==> flow/design.v <==
module gen_add_unit_p #(
    parameter int XLEN = 36
) (
    input logic ck,
    input logic step,
    input logic [XLEN-1:0] op_a,
    input logic [XLEN-1:0] op_b,
    input logic c0,
    output logic [XLEN-1:0] result,
    output logic carry_out
);
    logic [XLEN-1:0] op_a_s;
    logic [XLEN-1:0] op_b_s;
    logic c0_s;
    always_ff @(posedge ck) begin
        if (step) begin
            op_a_s <= op_a;
            op_b_s <= op_b;
            c0_s <= c0;
        end
    end
    logic [XLEN-1:0] t;
    logic c;
    always_comb begin
        c = c0_s;
        for (int k = 0; k < XLEN; k++) begin
            t[k] = op_a_s[k] ^ op_b_s[k] ^ c;
            c = (op_a_s[k] & op_b_s[k]) | (c & (op_a_s[k] | op_b_s[k]));
        end
    end
    always_ff @(posedge ck) begin
        if (step) begin
            result <= t;
            carry_out <= c;
        end
    end
endmodule
== Reports on gen_add_unit_p ==
The steps from the RTL of gen_add_unit_p to its reports follow in flow order.
Lines are those of the file above, counted from 1.
Cell names lack the library's common part.
Not given: n/a
Inputs
  top module: gen_add_unit_p
  clock input: ck
  cell library: sky130hd
  corner: tt_025C_1v80

== Elaborated design ==
Yosys after proc, flatten, opt, wreduce and memory -nomap, before mapping. Enables and synchronous resets that opt folds into registers are not counted as muxes. Memory bits, and registers merged into a memory's read port (data or address), are not among the register bits. Print and check cells are not counted. Equal cells are merged and count once.
Word-level totals
  register bits: 110
  latch bits: 0
  RAM bits: 0
  bits in read-only memories: 0
  word width x clocked read ports: 0
  memories: 0
  elaborated cells: 221
Cells by class
  add/sub/neg operators: 0
  multipliers: 0
  divide/modulo/power cells: 0
  $lt $le $gt $ge: 0
  equal/unequal tests: 0
  shift operators: 0
  muxes and demuxes: 0
  bitwise operators: 216
  reductions and logical operators: 0
Operator list (count)
  1-bit bitwise AND: 72
  1-bit OR: 72
  1-bit bitwise XOR: 72

== Longest topological paths ==
Longest topological path by Yosys (ltp), each cell counted once; first at word level (registers and memories cut), then after technology mapping (sequential cells cut; the memories' decode and read muxes count).
Logic depth
  depth in word-level cells: 73
  ABC_AREA: 0
  gate-level depth with buffers: 40

== Mapped cells and area ==
Yosys stat after the flow's synthesis: flattened, memories mapped to cells. It holds for the ABC_AREA given above (unset counts as 0); a run with the other value may have another netlist.
Mapped netlist
  cell count: 156
  mapped area: 4061.4 µm²
  sequential part of the area: 3303.2 µm²
  mapped flip-flops: 110
  buffers: 0
Cells by type
  edfxtp_1: count 110, area in all 3.3E+03 µm²
  fa_1: count 36, area in all 720.691 µm²
  inv_1: count 10, area in all 37.536 µm²

== Timing after synthesis ==
Source: OpenSTA report_checks on the synthesized netlist (no wires, ideal clock, input and output delay 20% of the period each), path of least setup slack; recovery checks are left aside. Register names are those of the netlist, which keeps one name where synthesis merged equal registers.
Path post-synthesis
  path type: reg-to-reg
  start point: reg op_a_s[0]
  end point: reg result[35]
  period: 17.7 ns
  time at the first pin: 0.000 ns
  data arrival time: 14.046 ns
  required time: 17.571 ns
  path slack: 3.525 ns
  delay of the path: 14.175 ns
  stages: 41
  path buffers: 0
  synthesis period reached: 14.175 ns
"delay of the path" is the arrival time less input delay plus setup time.
"stages": output pins that drive a net of the path, with the launching flip-flop's if there is one; two outputs of one cell count as two.
"synthesis period reached" = period - worst setup slack (recovery checks aside). The figure is calculated, with input and output delays left at 20% of the set period.
Between the ends stands the longest chain of elaborated cells between them, by number of cells; it is not shown to be the way that was timed. Of several equally long chains one is given.
A line is the first line of the expression or statement that the cell stems from. Yosys adds cells for indexed reads and writes and turns some case tables into memories.
On the way, post-synthesis
  path through: edfxtp_1 -> fa_1 -> fa_1 -> fa_1 -> fa_1 -> fa_1 -> fa_1 -> fa_1 -> fa_1 -> fa_1 -> fa_1 -> fa_1 -> fa_1 -> fa_1 -> fa_1 -> fa_1 -> fa_1 -> fa_1 -> (+5 left out) -> fa_1 -> fa_1 -> fa_1 -> fa_1 -> fa_1 -> fa_1 -> fa_1 -> fa_1 -> fa_1 -> fa_1 -> fa_1 -> inv_1 -> fa_1 -> inv_1 -> fa_1 -> inv_1 -> fa_1 -> inv_1
  cells in the longest elaborated chain: 72
  elaborated cells on any way between the ends: 73
  RTL lines with such cells: 2
  classes of those cells: 73 x logic
RTL lines, path post-synthesis
  start: declaration: RTL line 12  | logic [XLEN-1:0] op_a_s;
  start: assignment: RTL line 17  | op_a_s <= op_a;
  1-bit OR: RTL line 28  | c = (op_a_s[k] & op_b_s[k]) | (c & (op_a_s[k] | op_b_s[k]));
  1-bit bitwise AND: RTL line 28
  1-bit OR: RTL line 28
  1-bit bitwise AND: RTL line 28
  1-bit OR: RTL line 28
  1-bit bitwise AND: RTL line 28
  1-bit OR: RTL line 28
  (+58 left out)
  1-bit bitwise AND: RTL line 28
  1-bit OR: RTL line 28
  1-bit bitwise AND: RTL line 28
  1-bit OR: RTL line 28
  1-bit bitwise AND: RTL line 28
  1-bit OR: RTL line 28
  1-bit bitwise XOR: RTL line 27  | t[k] = op_a_s[k] ^ op_b_s[k] ^ c;
  end: assignment: RTL line 33  | result <= t;
  end: declaration: RTL line 9  | output logic [XLEN-1:0] result,

== Timing after layout ==
Path of least setup slack in the final report of stored run 1 (OpenROAD, finished layout, wires in). Where an end is a register, its clock arrival counts in the times.
Path post-layout
  path type: reg-to-reg
  start point: reg op_a_s[0]
  end point: reg result[35]
  period: 17.7 ns
  time at the first pin: 0.35 ns
  data arrival time: 15.01 ns
  required time: 17.95 ns
  path slack: 2.94 ns
  stages: 41
  path buffers: 0
Between the ends stands the longest chain of elaborated cells between them, by number of cells; it is not shown to be the way that was timed. Of several equally long chains one is given.
On the way, post-layout
  path through: edfxtp_1 -> fa_1 -> fa_1 -> fa_1 -> fa_1 -> fa_1 -> fa_1 -> fa_1 -> fa_1 -> fa_1 -> fa_1 -> fa_1 -> fa_1 -> fa_1 -> fa_1 -> fa_1 -> fa_1 -> fa_1 -> (+5 left out) -> fa_1 -> fa_1 -> fa_1 -> fa_1 -> fa_1 -> fa_1 -> fa_1 -> fa_1 -> fa_1 -> fa_1 -> fa_1 -> inv_1 -> fa_1 -> inv_1 -> fa_1 -> inv_1 -> fa_1 -> inv_1
  cells in the longest elaborated chain: 72
  elaborated cells on any way between the ends: 73
  RTL lines with such cells: 2
  classes of those cells: 73 x logic
RTL lines, path post-layout
  start: declaration: RTL line 12  | logic [XLEN-1:0] op_a_s;
  start: assignment: RTL line 17  | op_a_s <= op_a;
  1-bit OR: RTL line 28  | c = (op_a_s[k] & op_b_s[k]) | (c & (op_a_s[k] | op_b_s[k]));
  1-bit bitwise AND: RTL line 28
  1-bit OR: RTL line 28
  1-bit bitwise AND: RTL line 28
  1-bit OR: RTL line 28
  1-bit bitwise AND: RTL line 28
  1-bit OR: RTL line 28
  (+58 left out)
  1-bit bitwise AND: RTL line 28
  1-bit OR: RTL line 28
  1-bit bitwise AND: RTL line 28
  1-bit OR: RTL line 28
  1-bit bitwise AND: RTL line 28
  1-bit OR: RTL line 28
  1-bit bitwise XOR: RTL line 27  | t[k] = op_a_s[k] ^ op_b_s[k] ^ c;
  end: assignment: RTL line 33  | result <= t;
  end: declaration: RTL line 9  | output logic [XLEN-1:0] result,

Stored flow runs of gen_add_unit_p (3 of them; Yosys, OpenROAD, sky130hd). They differ in their settings and are not a sequence. Constraints: input delay and output delay 20% of the set period each, output load 0.01 pF.
"achieved clock period" means the clock period less the worst setup slack. The figure is calculated, with input and output delays left at 20% of the set period.
By "power" is meant OpenSTA's value without simulated activity: inputs other than the clock are taken to toggle once in ten clock periods, and the tool carries that through the logic.
[stored run 1] settings: period_ns=17.7, CAP_MARGIN=20, CORE_MARGIN=2, CORE_UTILIZATION=40, SLEW_MARGIN=20
[stored run 1] result: chip area after synthesis (Yosys) 4061.4 µm², die area 10975.7 µm², utilization 56.2%, worst setup slack after layout 2.937 ns, total negative slack 0.000 ns, worst hold slack 0.611 ns, power 555.7 µW, achieved clock period 14.763 ns
[stored run 2] settings: period_ns=11.6, CORE_UTILIZATION=29, PLACE_DENSITY=0.81, CELL_PAD_IN_SITES_DETAIL_PLACEMENT=2, GPL_TIMING_DRIVEN=1, GPL_ROUTABILITY_DRIVEN=0, CTS_CLUSTER_DIAMETER=61, CAP_MARGIN=0, SLEW_MARGIN=5, CORE_MARGIN=2
[stored run 2] result: chip area after synthesis (Yosys) 4061.4 µm², die area 14967.1 µm², utilization 42.0%, worst setup slack after layout -1.806 ns, total negative slack -7.471 ns, worst hold slack 0.649 ns, power 973.7 µW, achieved clock period 13.406 ns
[stored run 3] settings: period_ns=9.17, CORE_UTILIZATION=68, SETUP_SLACK_MARGIN=1.58, PLACE_DENSITY=0.78, CORE_ASPECT_RATIO=0.64, CELL_PAD_IN_SITES_DETAIL_PLACEMENT=1, GPL_TIMING_DRIVEN=1, MIN_ROUTING_LAYER=met2, CAP_MARGIN=20, CORE_MARGIN=2, SLEW_MARGIN=20
[stored run 3] result: did not finish, placement stopped with DPL-0033
